==> flow/design.v <==
module sync_compare #(
   parameter DWIDTH = 36
) (
   input wire i_clk,
   input wire valid,
   input wire [DWIDTH-1:0] dataa,
   input wire [DWIDTH-1:0] datab,
   input wire [DWIDTH-1:0] datac,
   output wire in_range
);
   reg r_in_range;
   always @(posedge i_clk) begin
      if (valid) begin
         r_in_range <= (dataa >= datab) && (dataa <= datac);
      end
   end
   assign in_range = r_in_range;
endmodule
== Reports on sync_compare ==
Tool output for the design above, in the order of the flow.
Lines are those of the file above, counted from 1.
Operators: Yosys type, input widths -> output width; for muxes data width and select width s.
Cell names lack the library's common part.
The mark -- stands for no value.
Inputs
  top: sync_compare
  clock input: i_clk
  cell library: sky130hd
  timing corner: tt_025C_1v80

== Elaborated design ==
Yosys after proc, flatten, opt, wreduce and memory -nomap, before mapping. Enables and synchronous resets that opt folds into registers are not counted as muxes. Memory bits, and registers merged into a memory's read port (data or address), are not among the register bits. Print and check cells are not counted. Equal cells are merged and count once.
Storage and ports
  memories: 0
  register bits: 1
  bits in writable memories: 0
  elaborated cells: 4
  ROM bits: 0
  word width x clocked read ports: 0
  output and inout port bits: 1
  latch bits: 0
Cells by class
  equality and inequality tests: 0
  shifts and indexed selects: 0
  multiplexer cells: 0
  multiply operators: 0
  $lt $le $gt $ge: 2
  divide/modulo/power cells: 0
  reduce/logical cells: 1
  add/subtract/negate cells: 0
  bitwise operators: 0
Operators with widths (number)
  $ge 36x36->1: 1
  $le 36x36->1: 1
  $logic_and 1x1->1: 1

== Longest topological paths ==
Longest topological path by Yosys (ltp), each cell counted once; first at word level (registers and memories cut), then after technology mapping (sequential cells cut; the memories' decode and read muxes count).
Logic depth
  depth after elaboration: 2
  ABC_AREA: 0
  mapped depth: 8
  mapped depth without buffers: 8

== After synthesis ==
Yosys stat after the flow's synthesis: flattened, memories mapped to cells. It holds for the ABC_AREA given above (unset counts as 0); a run with the other value may have another netlist.
Synthesis totals
  sequential area: 30.0 sq um
  flip-flop cells: 1
  cell area after synthesis: 1869.3 sq um
  cells in the netlist: 252
Cell types (number)
  ha_1: 72
  inv_1: 74
  a21oi_1: 26
  a21o_1: 9
  nand4_1: 9
  nand2_1: 14
  nand3_1: 10
  nand4_4: 2
  nand4_2: 3
  edfxtp_1: 1
  a221oi_1: 3
  a211oi_1: 3
  nor4_4: 1
  o21ai_0: 4
  nor2_1: 5
  nor3_1: 3
  nor4_2: 1
  o21ai_1: 2
Other cell types: 10; their cells: 10.

== Timing after synthesis ==
Source: OpenSTA report_checks on the synthesized netlist (no wires, ideal clock, input and output delay 20% of the period each), path of least setup slack; recovery checks are left aside. Register names are those of the netlist, which keeps one name where synthesis merged equal registers.
Timing post-synthesis
  path type: input port to flip-flop
  start point: in datac[17]
  end point: reg r_in_range
  path slack: 370 ps
  delay of the path: 1494 ps
  stages on the path: 8
  external input delay: 466 ps
  library setup time: 261 ps
  period: 2330 ps
  arrival: 1699 ps
  required time: 2069 ps
  launch time at the first pin: 466 ps
  period reached after synthesis: 1960 ps
"delay of the path" = arrival - input delay + setup time.
"stages on the path": output pins that drive a net of the path, with the launching flip-flop's if there is one; two outputs of one cell count as two.
"period reached after synthesis" = period - worst setup slack (recovery checks aside). The figure is calculated, with input and output delays left at 20% of the set period.
Between the ends stands the longest chain of elaborated cells between them, by number of cells; it is not shown to be the way that was timed. Of several equally long chains one is given.
A line is the first line of the expression or statement that the cell stems from. Yosys adds cells for indexed reads and writes and turns some case tables into memories.
Between the ends, post-synthesis
  cell sequence: inv_1 -> ha_1 -> nand4_2 -> nor4_2 -> nand3_1 -> o221ai_1 -> a21oi_1 -> o32a_1
  cells in the longest elaborated chain: 2
  elaborated cells between the ends (all ways): 2
RTL lines, path post-synthesis
  from (decl): line 8  | input wire [DWIDTH-1:0] datac,
  $le 36x36->1: line 14  | r_in_range <= (dataa >= datab) && (dataa <= datac);
  $logic_and 1x1->1: line 14
  to (assign): line 14
  to (decl): line 11  | reg r_in_range;

== Path in the finished layout ==
Path of least setup slack in the final report of run 1 (OpenROAD, finished layout, wires in). Where an end is a register, its clock arrival counts in the times.
The report prints the path's times to 10 ps; the period is as set.
Timing after layout
  path type: input port to flip-flop
  start point: in dataa[13]
  end point: reg r_in_range
  external input delay: 470 ps
  arrival: 2100 ps
  launch time at the first pin: 470 ps
  required time: 2070 ps
  library setup time: 260 ps
  path slack: -30 ps
  stages on the path: 8
  period: 2330 ps
Between the ends stands the longest chain of elaborated cells between them, by number of cells; it is not shown to be the way that was timed. Of several equally long chains one is given.
Between the ends, after layout
  cell sequence: clkdlybuf4s15_1 -> ha_4 -> nand4_4 -> nor4_4 -> nand2_1 -> o211ai_1 -> a21oi_2 -> o32a_1
  cells in the longest elaborated chain: 2
  elaborated cells between the ends (all ways): 3
RTL lines, path after layout
  from (decl): line 6  | input wire [DWIDTH-1:0] dataa,
  $ge 36x36->1: line 14  | r_in_range <= (dataa >= datab) && (dataa <= datac);
  $logic_and 1x1->1: line 14
  to (assign): line 14
  to (decl): line 11  | reg r_in_range;

Lab notebook: sync_compare

Measured data: module sync_compare, platform sky130hd, 3 stored runs of the flow under differing settings, order arbitrary. Input and output delays are each 20% of the period that was set; the output load is 0.01 pF.
"achieved clock period" = clock period - worst setup slack. The figure is calculated, with input and output delays left at 20% of the set period.
"worst setup path time" means the part of the period allowed to the worst setup path (the constraints hold back 20% at inputs and 20% at outputs) less its slack; where the path has registers, the arrival times of their clocks count too.
"worst setup path time" is known to 10 ps.

Run 1
==> flow/run.sh <==
#!/bin/bash
# the make line also repeats the synthesis and layout settings of config.mk as NAME=value (left out here)
make -C /OpenROAD-flow-scripts/flow DESIGN_CONFIG=/design/flow/config.mk WORK_HOME=/design/flow/orfs CLKGATE_MAP_FILE= finish
==> flow/config.mk <==
export PLATFORM = sky130hd
export DESIGN_NAME = sync_compare
export DESIGN_NICKNAME = sync_compare
export VERILOG_FILES = /design/flow/design.v
export SDC_FILE = /design/flow/constraint.sdc
export NUM_CORES = 4
export LEC_CHECK = 0
export CAP_MARGIN = 20
export CORE_MARGIN = 2
export CORE_UTILIZATION = 40
export SLEW_MARGIN = 20
==> flow/constraint.sdc <==
create_clock -name core_clock -period 2.33 [get_ports {i_clk}]
set_input_delay 0.4660 -clock core_clock [delete_from_list [all_inputs] [get_ports {i_clk}]]
set_output_delay 0.4660 -clock core_clock [all_outputs]
set_load 0.01 [all_outputs]

==> results of run 1 <==
chip area after synthesis (Yosys): 1869.3 sq um
die area: 5236.0 sq um
standard-cell area of the final layout: 3978.8 sq um
utilization: 0.901
worst setup slack after layout: -31 ps
total negative slack: -31 ps
worst hold slack: 1056 ps
achieved clock period: 2361 ps
worst setup path time: 1900 ps
worst setup path kind: input port to flip-flop

Run 2
==> flow/run.sh <==
#!/bin/bash
# the make line also repeats the synthesis and layout settings of config.mk as NAME=value (left out here)
make -C /OpenROAD-flow-scripts/flow DESIGN_CONFIG=/design/flow/config.mk WORK_HOME=/design/flow/orfs CLKGATE_MAP_FILE= finish
==> flow/config.mk <==
export PLATFORM = sky130hd
export DESIGN_NAME = sync_compare
export DESIGN_NICKNAME = sync_compare
export VERILOG_FILES = /design/flow/design.v
export SDC_FILE = /design/flow/constraint.sdc
export NUM_CORES = 4
export LEC_CHECK = 0
export CAP_MARGIN = 20
export CORE_ASPECT_RATIO = 0.71
export CORE_MARGIN = 7
export CORE_UTILIZATION = 71
export GPL_ROUTABILITY_DRIVEN = 1
export MAX_ROUTING_LAYER = met5
export PLACE_DENSITY_LB_ADDON = 0.03
export SETUP_SLACK_MARGIN = -0.07
export SLEW_MARGIN = 20
==> flow/constraint.sdc <==
create_clock -name core_clock -period 1.19 [get_ports {i_clk}]
set_input_delay 0.2380 -clock core_clock [delete_from_list [all_inputs] [get_ports {i_clk}]]
set_output_delay 0.2380 -clock core_clock [all_outputs]
set_load 0.01 [all_outputs]

==> results of run 2 <==
did not finish, placement stopped with FLW-0024

Run 3
==> flow/run.sh <==
#!/bin/bash
# the make line also repeats the synthesis and layout settings of config.mk as NAME=value (left out here)
make -C /OpenROAD-flow-scripts/flow DESIGN_CONFIG=/design/flow/config.mk WORK_HOME=/design/flow/orfs CLKGATE_MAP_FILE= finish
==> flow/config.mk <==
export PLATFORM = sky130hd
export DESIGN_NAME = sync_compare
export DESIGN_NICKNAME = sync_compare
export VERILOG_FILES = /design/flow/design.v
export SDC_FILE = /design/flow/constraint.sdc
export NUM_CORES = 4
export LEC_CHECK = 0
export CAP_MARGIN = 20
export CELL_PAD_IN_SITES_DETAIL_PLACEMENT = 2
export CELL_PAD_IN_SITES_GLOBAL_PLACEMENT = 1
export CORE_ASPECT_RATIO = 1.63
export CORE_MARGIN = 8
export CORE_UTILIZATION = 59
export PLACE_DENSITY = 0.6
export SETUP_SLACK_MARGIN = -0.0
export SLEW_MARGIN = 30
export TNS_END_PERCENT = 20
==> flow/constraint.sdc <==
create_clock -name core_clock -period 2.17 [get_ports {i_clk}]
set_input_delay 0.4340 -clock core_clock [delete_from_list [all_inputs] [get_ports {i_clk}]]
set_output_delay 0.4340 -clock core_clock [all_outputs]
set_load 0.01 [all_outputs]

==> results of run 3 <==
did not finish, placement stopped with GPL-0301
